==> flow/design.v <==
module dp_shifter_v2 #(
  parameter BITS = 80,
  parameter SEL_WIDTH = $clog2(BITS)
) (
  input logic core_clk,
  input logic ce,
  input logic [BITS-1:0] i_ch,
  input logic [SEL_WIDTH-1:0] i_count,
  output logic [BITS-1:0] o_res
);
  logic [BITS-1:0] r_ch;
  logic [SEL_WIDTH-1:0] r_count;
  always_ff @(posedge core_clk) begin
    if (ce) begin
      r_ch <= i_ch;
      r_count <= i_count;
      o_res <= r_ch << r_count;
    end
  end
endmodule
* Step by step through the tools: dp_shifter_v2
The steps from the RTL of dp_shifter_v2 to its reports follow in flow order.
Lines are those of the file above, counted from 1.
Operators carry their Yosys type and port widths (W data, S select, Z words).
A cell with -- has no value.
- Top :: dp_shifter_v2
- Clock port :: core_clk
- Library :: sky130hd
- Library corner :: tt_025C_1v80

* Word-level counts
Source: Yosys, flattened and elaborated, memories not mapped. Widths are those after wreduce; folded enables and synchronous resets count as part of the registers. Registers that Yosys merges into a memory's read port (data or address) are not register bits. Print and check cells do not count. Equal cells are merged and count once.
- Shift-type cells :: 1
** Operators by type and width (count)
- $shl A80 B7 Y80 :: 1
- Bits in registers :: 167
- Input port bits :: 89

* Longest topological paths
Yosys ltp: most cells in a row. Word level: on the elaborated netlist, between registers, memories and ports. Mapped: between sequential cells and ports; inverters and the memories' decode and read muxes count.
- Depth in word-level cells :: 1
- ABC_AREA :: 0
- Gate-level depth with buffers :: 10
- Mapped depth without buffers :: 5

* Netlist
The flow's flattened synthesis, as Yosys stat reports it; memories are mapped. The netlist is that of the ABC_AREA named above (0 if unset); the other value can give another one.
Totals and module areas in this step are rounded.
- Mapped cells :: 903
- Cell area after synthesis :: 11500 µm²
- Sequential area :: 5010 µm²
- Flip-flop cells :: 167
- Buffers :: 78
** Cells by type
- sky130_fd_sc_hd__edfxtp_1 :: count 167, total area 5014.81 µm²
- sky130_fd_sc_hd__mux4_2 :: count 82, total area 1.85E+03 µm²
- sky130_fd_sc_hd__mux2i_1 :: count 89, total area 890.854 µm²
- sky130_fd_sc_hd__mux2_2 :: count 59, total area 664.387 µm²
- sky130_fd_sc_hd__nor2_1 :: count 80, total area 300.288 µm²
- sky130_fd_sc_hd__nand2_1 :: count 60, total area 225.216 µm²
- sky130_fd_sc_hd__o22ai_1 :: count 29, total area 181.424 µm²
- sky130_fd_sc_hd__mux4_1 :: count 6, total area 157.651 µm²
- sky130_fd_sc_hd__o221ai_1 :: count 18, total area 157.651 µm²
- sky130_fd_sc_hd__o211ai_1 :: count 18, total area 135.13 µm²
- sky130_fd_sc_hd__clkbuf_1 :: count 35, total area 131.376 µm²
- sky130_fd_sc_hd__buf_2 :: count 20, total area 100.096 µm²
- sky130_fd_sc_hd__o21ai_0 :: count 19, total area 95.091 µm²
- sky130_fd_sc_hd__a211oi_1 :: count 12, total area 90.086 µm²
- sky130_fd_sc_hd__a21oi_1 :: count 15, total area 75.072 µm²
- sky130_fd_sc_hd__a2bb2oi_1 :: count 8, total area 70.067 µm²
- sky130_fd_sc_hd__nand2b_1 :: count 11, total area 68.816 µm²
- sky130_fd_sc_hd__nor3_1 :: count 13, total area 65.062 µm²
Other cell types: 52; their cells: 162.

* Path before layout
Path of least setup slack by OpenSTA after synthesis, without wires, with an ideal clock, recovery checks aside; 20% of the period is set as input and as output delay. Where synthesis merged equal registers, the netlist keeps one of their names.
- Path kind :: register to register
- Start point :: register r_count[3]
- End point :: register o_res[73]
- Clock period :: 3.15 ns
- Setup time :: 0.263 ns
- Launch time at the first pin :: 0.000 ns
- Arrival time :: 2.260 ns
- Required time :: 2.887 ns
- Path slack :: 0.627 ns
- Path delay :: 2.523 ns
- Driving pins on the path :: 9
- Buffers on the path :: 3
- Synthesis period reached :: 2.523 ns
"path delay" = arrival - input delay + setup time.
"driving pins on the path" counts driving pins, that of a launching flip-flop among them; a cell with two outputs on the path counts twice.
"synthesis period reached" = period - worst setup slack (recovery checks aside). The figure is calculated, with input and output delays left at 20% of the set period.
The rows between start and end are the longest chain of elaborated cells between them; the timing report does not say that the signal goes this way. Where chains are equally long, one stands for them.
A line is the first line of the expression or statement that the cell stems from. Yosys adds cells for indexed reads and writes and turns some case tables into memories.
- Cells stage by stage :: sky130_fd_sc_hd__edfxtp_1 > sky130_fd_sc_hd__buf_2 > sky130_fd_sc_hd__buf_2 > sky130_fd_sc_hd__buf_1 > sky130_fd_sc_hd__mux4_2 > sky130_fd_sc_hd__mux2_2 > sky130_fd_sc_hd__nand2_1 > sky130_fd_sc_hd__o21ai_0 > sky130_fd_sc_hd__a2111o_1
- Length of the longest elaborated chain :: 1
- Elaborated cells on any way between the ends :: 1
** RTL lines, path post-synthesis
- start: declaration :: RTL line 12 : logic [SEL_WIDTH-1:0] r_count;
- start: assignment :: RTL line 16 : r_count <= i_count;
- $shl A80 B7 Y80 :: RTL line 17 : o_res <= r_ch << r_count;
- end: assignment :: RTL line 17
- end: declaration :: RTL line 9 : output logic [BITS-1:0] o_res

* Worst path after layout
From the final timing report of flow run 1: the path of least setup slack in the routed layout; clock arrival at registers is part of the times.
- Path kind :: register to register
- Start point :: register r_count[2]
- End point :: register o_res[59]
- Clock period :: 3.03 ns
- Setup time :: 0.29 ns
- Launch time at the first pin :: 0.48 ns
- Arrival time :: 3.18 ns
- Required time :: 3.22 ns
- Path slack :: 0.04 ns
- Driving pins on the path :: 11
- Buffers on the path :: 6
The rows between start and end are the longest chain of elaborated cells between them; the timing report does not say that the signal goes this way. Where chains are equally long, one stands for them.
- Cells stage by stage :: sky130_fd_sc_hd__edfxtp_1 > sky130_fd_sc_hd__buf_6 > sky130_fd_sc_hd__buf_8 > sky130_fd_sc_hd__buf_12 > sky130_fd_sc_hd__buf_8 > sky130_fd_sc_hd__mux4_2 > sky130_fd_sc_hd__a222oi_1 > sky130_fd_sc_hd__buf_4 > sky130_fd_sc_hd__buf_2 > sky130_fd_sc_hd__o32a_1 > sky130_fd_sc_hd__o221ai_2
- Length of the longest elaborated chain :: 1
- Elaborated cells on any way between the ends :: 1
** RTL lines, path after layout
- start: declaration :: RTL line 12 : logic [SEL_WIDTH-1:0] r_count;
- start: assignment :: RTL line 16 : r_count <= i_count;
- $shl A80 B7 Y80 :: RTL line 17 : o_res <= r_ch << r_count;
- end: assignment :: RTL line 17
- end: declaration :: RTL line 9 : output logic [BITS-1:0] o_res

## Implementation results

Settings and measured results of 3 stored flow runs for module dp_shifter_v2 (sky130hd), not sorted in any way. The constraints put input and output delay at 20% of the set period each and load the outputs with 0.01 pF.
"achieved clock period" is the run's clock period less its worst setup slack. It is reckoned from that one timing run; input and output delays stay at 20% of the period that was set.
"critical path time" is the time allowed to the run's worst setup path (the clock period less input and output delay, where it has them) less its slack. Clock arrival times count: a late capture clock shortens it, a late launch clock lengthens it.
"power consumption": no workload was simulated; the value follows from the tool's default switching activity.
Values from the reports are rounded here.

** Flow run 1
- Settings :: period_ns=3.03; CORE_UTILIZATION=15; PLACE_DENSITY_LB_ADDON=0.14; CORE_ASPECT_RATIO=0.63; CELL_PAD_IN_SITES_GLOBAL_PLACEMENT=0; CELL_PAD_IN_SITES_DETAIL_PLACEMENT=2; TNS_END_PERCENT=45; GPL_TIMING_DRIVEN=0; CTS_CLUSTER_SIZE=31; CTS_CLUSTER_DIAMETER=382; CAP_MARGIN=0; CORE_MARGIN=2; SLEW_MARGIN=20
- Standard-cell area after routing :: 15800 µm²
- Worst setup slack after layout :: 0.041 ns
- Summed negative setup slack :: 0.000 ns
- Power consumption :: 8220 µW
- Overall die area :: 79100 µm²
- Worst hold slack in the final report :: 0.589 ns
- Critical path time :: 2.99 ns
- Critical path type :: register to register
- Utilization in the final report :: 0.209
- Synthesized cell area :: 11500 µm²
- Achieved clock period :: 2.989 ns

** Flow run 2
- Settings :: period_ns=3.15; CAP_MARGIN=20; CORE_MARGIN=2; CORE_UTILIZATION=40; SLEW_MARGIN=20
- Worst hold slack in the final report :: 0.656 ns
- Standard-cell area after routing :: 14500 µm²
- Utilization in the final report :: 0.51
- Worst setup slack after layout :: 0.202 ns
- Summed negative setup slack :: 0.000 ns
- Power consumption :: 7330 µW
- Overall die area :: 30200 µm²
- Critical path time :: 2.95 ns
- Critical path type :: register to register
- Synthesized cell area :: 11500 µm²
- Achieved clock period :: 2.948 ns

** Flow run 3
- Settings :: period_ns=2.98; CORE_UTILIZATION=22; SETUP_SLACK_MARGIN=0.38; PLACE_DENSITY_LB_ADDON=0.15; CELL_PAD_IN_SITES_DETAIL_PLACEMENT=2; TNS_END_PERCENT=85; ABC_AREA=0; GPL_TIMING_DRIVEN=0; GPL_ROUTABILITY_DRIVEN=0; CTS_CLUSTER_SIZE=65; MAX_ROUTING_LAYER=met5; CAP_MARGIN=20; CORE_MARGIN=2; SLEW_MARGIN=20
- Critical path time :: 2.74 ns
- Critical path type :: register to register
- Standard-cell area after routing :: 16500 µm²
- Summed negative setup slack :: 0.000 ns
- Worst hold slack in the final report :: 0.588 ns
- Power consumption :: 8750 µW
- Achieved clock period :: 2.740 ns
- Overall die area :: 54200 µm²
- Synthesized cell area :: 11500 µm²
- Utilization in the final report :: 0.321
- Worst setup slack after layout :: 0.240 ns
